==> flow/design.v <==
module core_as_core #(
   parameter int DW = 48
) (
   input  logic clock,
   input  logic [DW-1:0] dataa,
   input  logic [DW-1:0] datab,
   output logic [DW-1:0] diff
);
   logic [DW-1:0] r_dataa;
   logic [DW-1:0] r_datab;
   always_ff @(posedge clock) begin
      r_dataa <= dataa;
      r_datab <= datab;
      diff <= (r_dataa > r_datab) ? r_dataa - r_datab : r_datab - r_dataa;
   end
endmodule
Tool chain data of core_as_core
The steps from the RTL of core_as_core to its reports follow in flow order.
Lines are those of the file above, counted from 1.
Cell names lack the library's common part.
{"block": "inputs", "design": "core_as_core", "clk_port": "clock", "library": "sky130hd", "corner": "tt_025C_1v80"}

Word-level counts
Source: Yosys, flattened and elaborated, memories not mapped. Widths are those after wreduce; folded enables and synchronous resets count as part of the registers. Registers that Yosys merges into a memory's read port (data or address) are not register bits. Print and check cells do not count. Equal cells are merged and count once.
{"block": "classes", "n_addsub": 2, "cmp": 1, "n_mux": 1}
{"block": "ops", "op": "48-bit subtractor", "n": 2}
{"block": "ops", "op": "48-bit > comparator", "n": 1}
{"block": "ops", "op": "48-bit two-way mux", "n": 1}
{"block": "bits", "register_bits": 144, "in_bits": 97, "elab_cells": 7}

Longest topological paths
Depth = most cells in a row (Yosys ltp): at word level without a register or memory, in the mapped netlist without a sequential cell, where the memories' decode and read muxes count.
{"block": "logic_depth", "word_depth": 2, "ABC_AREA": 1, "mapped_depth": 18, "ltp_nobuf": 16}

After synthesis
The flow's flattened synthesis, as Yosys stat reports it; memories are mapped. The netlist is that of the ABC_AREA named above (0 if unset); the other value can give another one.
{"block": "by_type", "type": "nand2_1", "n": 961}
{"block": "by_type", "type": "dfxtp_1", "n": 144}
{"block": "by_type", "type": "inv_1", "n": 486}
{"block": "by_type", "type": "ha_1", "n": 95}
{"block": "by_type", "type": "nor2_1", "n": 113}
{"block": "by_type", "type": "nand3_1", "n": 81}
{"block": "by_type", "type": "xor2_1", "n": 35}
{"block": "by_type", "type": "a21oi_1", "n": 49}
{"block": "by_type", "type": "xnor2_1", "n": 15}
{"block": "by_type", "type": "nand4_1", "n": 17}
{"block": "by_type", "type": "clkbuf_2", "n": 21}
{"block": "by_type", "type": "o21ai_1", "n": 16}
{"block": "by_type", "type": "buf_2", "n": 9}
{"block": "by_type", "type": "nor2_2", "n": 7}
{"block": "by_type", "type": "fa_1", "n": 2}
{"block": "by_type", "type": "buf_4", "n": 5}
{"block": "by_type", "type": "buf_6", "n": 3}
{"block": "by_type", "type": "a21o_1", "n": 4}
Not listed: further types 13, cells in them 23.
{"block": "mapped", "cells": 2086, "yosys_area_um2": 11691.2, "sequential_area_um2": 2882.8, "ff_cells": 144, "n_buf": 39}

Timing after synthesis
Path of least setup slack by OpenSTA after synthesis, without wires, with an ideal clock, recovery checks aside; 20% of the period is set as input and as output delay. Where synthesis merged equal registers, the netlist keeps one of their names.
{"block": "synth_timing", "kind": "flip-flop to flip-flop", "start": "reg r_dataa[0]", "end": "reg diff[28]", "tclk_ns": 3.8, "arrival_time_ns": 2.063, "slack_ns": 1.622, "delay_ns": 2.177, "stages": 17, "path_buffers": 1, "synth_period_reached_ns": 2.178}
"delay_ns" is the arrival time less input delay plus setup time.
"stages": output pins that drive a net of the path, with the launching flip-flop's if there is one; two outputs of one cell count as two.
"synth_period_reached_ns" is the clock period less the worst setup slack; recovery checks do not enter. This is arithmetic on one report: input and output delays are still those of the set period (20% each).
The rows between start and end are the longest chain of elaborated cells between them; the timing report does not say that the signal goes this way. Where chains are equally long, one stands for them.
A line is the first line of the expression or statement that the cell stems from. Yosys adds cells for indexed reads and writes and turns some case tables into memories.
{"block": "synth_between", "cell_sequence": "dfxtp_1 inv_1 ha_1 fa_1 inv_1 nand2_1 nand2_1 nand2_1 nand2_1 nand2_1 nand2_2 nand2_1 nand3_2 nand2_4 buf_4 o21ai_1 nand2_1", "elab_chain_len": 2, "cone_cells": 4, "lines_between": 1, "cone_classes": "add/sub (2); compare (1); mux (1)"}
{"block": "synth_rtl", "item": "start, declared", "line_no": 9, "rtl": "logic [DW-1:0] r_dataa;"}
{"block": "synth_rtl", "item": "start, assigned", "line_no": 12, "rtl": "r_dataa <= dataa;"}
{"block": "synth_rtl", "item": "48-bit subtractor", "line_no": 14, "rtl": "diff <= (r_dataa > r_datab) ? r_dataa - r_datab : r_datab - r_dataa;"}
{"block": "synth_rtl", "item": "48-bit two-way mux", "line_no": 14}
{"block": "synth_rtl", "item": "end, assigned", "line_no": 14}
{"block": "synth_rtl", "item": "end, declared", "line_no": 7, "rtl": "output logic [DW-1:0] diff"}

Worst path after layout
Path of least setup slack in the final report of stored run 1 (OpenROAD, finished layout, wires in). Where an end is a register, its clock arrival counts in the times.
{"block": "layout_timing", "kind": "flip-flop to flip-flop", "start": "reg r_dataa[0]", "end": "reg diff[15]", "tclk_ns": 3.35, "arrival_time_ns": 3.29, "slack_ns": 0.41, "stages": 16, "path_buffers": 1}
The rows between start and end are the longest chain of elaborated cells between them; the timing report does not say that the signal goes this way. Where chains are equally long, one stands for them.
{"block": "layout_between", "cell_sequence": "dfxtp_1 inv_1 ha_1 fa_1 inv_2 nand2_1 nand2_2 nand2_1 nand2_2 nand2_1 nand2_2 nand2_1 nand3_2 nand2_4 buf_4 o21ai_1", "elab_chain_len": 2, "cone_cells": 4, "lines_between": 1, "cone_classes": "add/sub (2); compare (1); mux (1)"}
{"block": "layout_rtl", "item": "start, declared", "line_no": 9, "rtl": "logic [DW-1:0] r_dataa;"}
{"block": "layout_rtl", "item": "start, assigned", "line_no": 12, "rtl": "r_dataa <= dataa;"}
{"block": "layout_rtl", "item": "48-bit subtractor", "line_no": 14, "rtl": "diff <= (r_dataa > r_datab) ? r_dataa - r_datab : r_datab - r_dataa;"}
{"block": "layout_rtl", "item": "48-bit two-way mux", "line_no": 14}
{"block": "layout_rtl", "item": "end, assigned", "line_no": 14}
{"block": "layout_rtl", "item": "end, declared", "line_no": 7, "rtl": "output logic [DW-1:0] diff"}

Record of 3 stored runs of the RTL-to-layout flow on core_as_core, platform sky130hd. The runs are unordered. Constraints: input delay and output delay 20% of the set period each, output load 0.01 pF.
"final_power_uw" rests on the timing tool's default activity at the inputs, not on a simulated workload.

{"run": "stored run 1", "settings": { "period_ns": 3.35, "CORE_UTILIZATION": 16, "SETUP_SLACK_MARGIN": 0.24, "PLACE_DENSITY_LB_ADDON": 0.19, "ABC_AREA": 1, "GPL_TIMING_DRIVEN": 0, "GPL_ROUTABILITY_DRIVEN": 0, "CTS_CLUSTER_DIAMETER": 322, "CAP_MARGIN": 20, "CORE_MARGIN": 2, "SLEW_MARGIN": 20 }, "results": { "worst_setup_slack_ns": 0.407, "final_power_uw": 6223, "post_synth_area_um2": 11691.2, "total_negative_slack_ns": 0.000, "dieArea_um2": 75248.7, "final_util_pct": 20.6 }}
{"run": "stored run 2", "settings": { "period_ns": 2.6, "CORE_UTILIZATION": 70, "SETUP_SLACK_MARGIN": 0.57, "PLACE_DENSITY_LB_ADDON": 0.13, "CORE_ASPECT_RATIO": 1.42, "GPL_ROUTABILITY_DRIVEN": 1, "CTS_CLUSTER_DIAMETER": 391, "CAP_MARGIN": 10, "MIN_ROUTING_LAYER": "met1", "MAX_ROUTING_LAYER": "met5", "CORE_MARGIN": 2, "SLEW_MARGIN": 20 }, "outcome": "no results, placement failed with DPL-0038"}
{"run": "stored run 3", "settings": { "period_ns": 3.8, "CAP_MARGIN": 20, "CORE_MARGIN": 2, "CORE_UTILIZATION": 40, "SLEW_MARGIN": 20 }, "results": { "worst_setup_slack_ns": 0.211, "final_power_uw": 5099, "post_synth_area_um2": 8768.4, "total_negative_slack_ns": 0.000, "dieArea_um2": 23120.7, "final_util_pct": 51.1 }}
